==> flow/design.v <==
module sh_core_n #(
   parameter integer DWIDTH = 8,
   parameter integer SW = $clog2(DWIDTH)
) (
   input wire ck,
   input wire rstn,
   input wire en,
   input wire [DWIDTH-1:0] data,
   input wire [SW-1:0] sh,
   input wire dir,
   output reg [DWIDTH-1:0] y
);
   reg [DWIDTH-1:0] data_s;
   reg [SW-1:0] sh_s;
   reg dir_s;
   always @(posedge ck) begin
      if (!rstn) begin
         data_s <= 0;
         sh_s <= 0;
         dir_s <= 1'b0;
         y <= 0;
      end else if (en) begin
         data_s <= data;
         sh_s <= sh;
         dir_s <= dir;
         y <= dir_s ? data_s << sh_s : data_s >> sh_s;
      end
   end
endmodule
Reports on sh_core_n
A sweep over "DWIDTH": the same steps for each member of the family.
The file above is the member DWIDTH=8. Line numbers count from 1 in each member's own file.
Not given: --

inputs
  design top = sh_core_n
  clock input = ck
  library = sky130hd
  timing corner = tt_025C_1v80

Members of the sweep
Lines of each other member's file that are new or changed against the file above; lines that a member lacks are not shown.

new or changed lines
  DWIDTH  line  RTL
  20      2     parameter integer DWIDTH = 20,
  80      2     parameter integer DWIDTH = 80,

Word-level counts
Yosys after proc, flatten, opt, wreduce and memory -nomap, before mapping. Enables and synchronous resets that opt folds into registers are not counted as muxes. Memory bits, and registers merged into a memory's read port (data or address), are not among the register bits. Print and check cells are not counted. Equal cells are merged and count once.

bit counts
  DWIDTH  register bits after elaboration  input port bits  word-level cells
  8       20                               15               7
  20      46                               29               7
  80      168                              91               7

operators by class
  DWIDTH  shift-type cells  multiplexer cells
  8       2                 1
  20      2                 1
  80      2                 1

operators by type and width
  DWIDTH  kinds with counts
  8       1 x << shifter 8 x 3 -> 8 bit; 1 x right shift 8 x 3 -> 8 bit; 1 x 2-to-1 mux 8 bit
  20      1 x << shifter 20 x 5 -> 20 bit; 1 x right shift 20 x 5 -> 20 bit; 1 x 2-to-1 mux 20 bit
  80      1 x << shifter 80 x 7 -> 80 bit; 1 x right shift 80 x 7 -> 80 bit; 1 x 2-to-1 mux 80 bit

Logic depth
Longest topological path by Yosys (ltp), each cell counted once; first at word level (registers and memories cut), then after technology mapping (sequential cells cut; the memories' decode and read muxes count).

logic depth
  DWIDTH  word-level depth  ABC_AREA  gate-level depth with buffers
  8       2                 0         7
  20      2                 0         9
  80      2                 0         13

Netlist
The flow's flattened synthesis, as Yosys stat reports it; memories are mapped. The netlist is that of the ABC_AREA named above (0 if unset); the other value can give another one.
The area totals of this step are shown rounded.

synthesis totals
  DWIDTH  mapped cells  synthesis area (µm²)  sequential part of the area (µm²)  flip-flops  buffer cells
  8       129           1292                  400.4                              20          13
  20      441           3901                  920.9                              46          42
  80      1981          18690                 3363                               168         260

cell types
  DWIDTH  types with counts
  8       20 x sky130_fd_sc_hd__dfxtp_1; 16 x sky130_fd_sc_hd__mux2i_1; 6 x sky130_fd_sc_hd__mux4_2; 16 x sky130_fd_sc_hd__nor2b_1; 5 x sky130_fd_sc_hd__mux2_2; 4 x sky130_fd_sc_hd__clkbuf_8; 4 x sky130_fd_sc_hd__buf_6; 8 x sky130_fd_sc_hd__a21oi_1; 6 x sky130_fd_sc_hd__o21ai_0; 7 x sky130_fd_sc_hd__nor2_1; 5 x sky130_fd_sc_hd__nand2_1; 2 x sky130_fd_sc_hd__a211oi_1; 2 x sky130_fd_sc_hd__a22oi_1; 4 x sky130_fd_sc_hd__clkbuf_1; 1 x sky130_fd_sc_hd__mux2_4; 2 x sky130_fd_sc_hd__nand3b_1; 2 x sky130_fd_sc_hd__a31oi_1; 1 x sky130_fd_sc_hd__o2111a_1; [+18]
  20      46 x sky130_fd_sc_hd__dfxtp_1; 61 x sky130_fd_sc_hd__mux2i_1; 16 x sky130_fd_sc_hd__mux4_2; 30 x sky130_fd_sc_hd__nor2b_1; 16 x sky130_fd_sc_hd__mux2_2; 38 x sky130_fd_sc_hd__nand2_1; 23 x sky130_fd_sc_hd__o21ai_0; 20 x sky130_fd_sc_hd__a21oi_1; 26 x sky130_fd_sc_hd__nor2_1; 3 x sky130_fd_sc_hd__mux4_1; 6 x sky130_fd_sc_hd__buf_6; 18 x sky130_fd_sc_hd__clkbuf_1; 12 x sky130_fd_sc_hd__buf_2; 8 x sky130_fd_sc_hd__o211ai_1; 9 x sky130_fd_sc_hd__nor3_1; 5 x sky130_fd_sc_hd__a221oi_1; 4 x sky130_fd_sc_hd__a221o_1; 4 x sky130_fd_sc_hd__a32o_1; [+96]
  80      199 x sky130_fd_sc_hd__mux4_2; 168 x sky130_fd_sc_hd__dfxtp_1; 229 x sky130_fd_sc_hd__mux2i_1; 106 x sky130_fd_sc_hd__mux2_2; 172 x sky130_fd_sc_hd__nand2_1; 99 x sky130_fd_sc_hd__nor2b_1; 162 x sky130_fd_sc_hd__clkbuf_1; 111 x sky130_fd_sc_hd__o21ai_0; 114 x sky130_fd_sc_hd__nor2_1; 59 x sky130_fd_sc_hd__a21oi_1; 31 x sky130_fd_sc_hd__o221ai_1; 43 x sky130_fd_sc_hd__o22ai_1; 48 x sky130_fd_sc_hd__buf_2; 21 x sky130_fd_sc_hd__a221oi_1; 23 x sky130_fd_sc_hd__o211ai_1; 22 x sky130_fd_sc_hd__a211oi_1; 15 x sky130_fd_sc_hd__a32o_1; 28 x sky130_fd_sc_hd__nand3_1; [+331]

The mark [+n] counts cells that are not listed.

Timing after synthesis
Path of least setup slack by OpenSTA after synthesis, without wires, with an ideal clock, recovery checks aside; 20% of the period is set as input and as output delay. Where synthesis merged equal registers, the netlist keeps one of their names.

timing post-synthesis
  DWIDTH  kind                  start             end             clock period (ns)  setup slack (ns)  stages  path delay (ns)  synthesis period reached (ns)
  8       register to register  register sh_s[1]  register y[1]   1.84               0.364             6       1.476            1.476
  20      register to register  register sh_s[2]  register y[18]  2.19               0.441             8       1.749            1.749
  80      register to register  register sh_s[1]  register y[42]  3.14               0.625             9       2.514            2.515

"path delay" = arrival - input delay + setup time.
"stages": output pins that drive a net of the path, with the launching flip-flop's if there is one; two outputs of one cell count as two.
"synthesis period reached" = period - worst setup slack (recovery checks aside). The figure is calculated, with input and output delays left at 20% of the set period.
The rows between start and end are the longest chain of elaborated cells between them; the timing report does not say that the signal goes this way. Where chains are equally long, one stands for them.
Each line given opens the expression or statement behind the cell; cells for indexed reads and writes are added by Yosys, which also makes memories of some case tables.

on the way, post-synthesis, DWIDTH=8
  cells in the longest elaborated chain = 2

RTL lines, path post-synthesis, DWIDTH=8
  item                        line  RTL
  start: declaration          14    reg [SW-1:0] sh_s;
  start: assignment           19    sh_s <= 0;
  start: assignment           24    sh_s <= sh;
  right shift 8 x 3 -> 8 bit  26    y <= dir_s ? data_s << sh_s : data_s >> sh_s;
  2-to-1 mux 8 bit            26
  end: assignment             21    y <= 0;
  end: assignment             26
  end: declaration            11    output reg [DWIDTH-1:0] y

on the way, post-synthesis, DWIDTH=80
  cells in the longest elaborated chain = 2

RTL lines, path post-synthesis, DWIDTH=80
  item                          line  RTL
  start: declaration            14    reg [SW-1:0] sh_s;
  start: assignment             19    sh_s <= 0;
  start: assignment             24    sh_s <= sh;
  right shift 80 x 7 -> 80 bit  26    y <= dir_s ? data_s << sh_s : data_s >> sh_s;
  2-to-1 mux 80 bit             26
  end: assignment               21    y <= 0;
  end: assignment               26
  end: declaration              11    output reg [DWIDTH-1:0] y

Path in the finished layout
From the final timing report of the run of each member: the path of least setup slack in the routed layout; clock arrival at registers is part of the times.

timing after layout
  DWIDTH  kind                  start             end             clock period (ns)  setup slack (ns)  stages  arrival time (ns)  path buffers
  8       register to register  register sh_s[1]  register y[1]   1.84               0.21              5       1.83               0
  20      register to register  register sh_s[1]  register y[15]  2.19               0.17              7       2.23               1
  80      register to register  register sh_s[0]  register y[26]  3.14               0.09              10      3.45               3

Measured runs
Settings and results of one run of the flow (Yosys, OpenROAD) for each member follow. The constraints put input and output delay at 20% of the set period each and load the outputs with 0.01 pF.

flow settings
  CAP_MARGIN = 20
  CORE_MARGIN = 2
  CORE_UTILIZATION = 40
  SLEW_MARGIN = 20

settings that differ
  DWIDTH  period_ns
  8       1.84
  20      2.19
  80      3.14

results
  DWIDTH  synthesis area (µm²)  overall die area (µm²)  standard-cell area after layout (µm²)  utilization of the finished layout  setup slack of the critical path (ns)  total negative slack (ns)  total power of the final layout (µW)
  8       1292                  3702                    1597                                   0.523                               0.212                                  0.000                      1110
  20      3901                  10560                   4707                                   0.488                               0.170                                  0.000                      2286
  80      18690                 48470                   23160                                  0.5                                 0.095                                  0.000                      9039

"total power of the final layout": no workload was simulated; the value follows from the tool's default switching activity.
Results are given in rounded form.
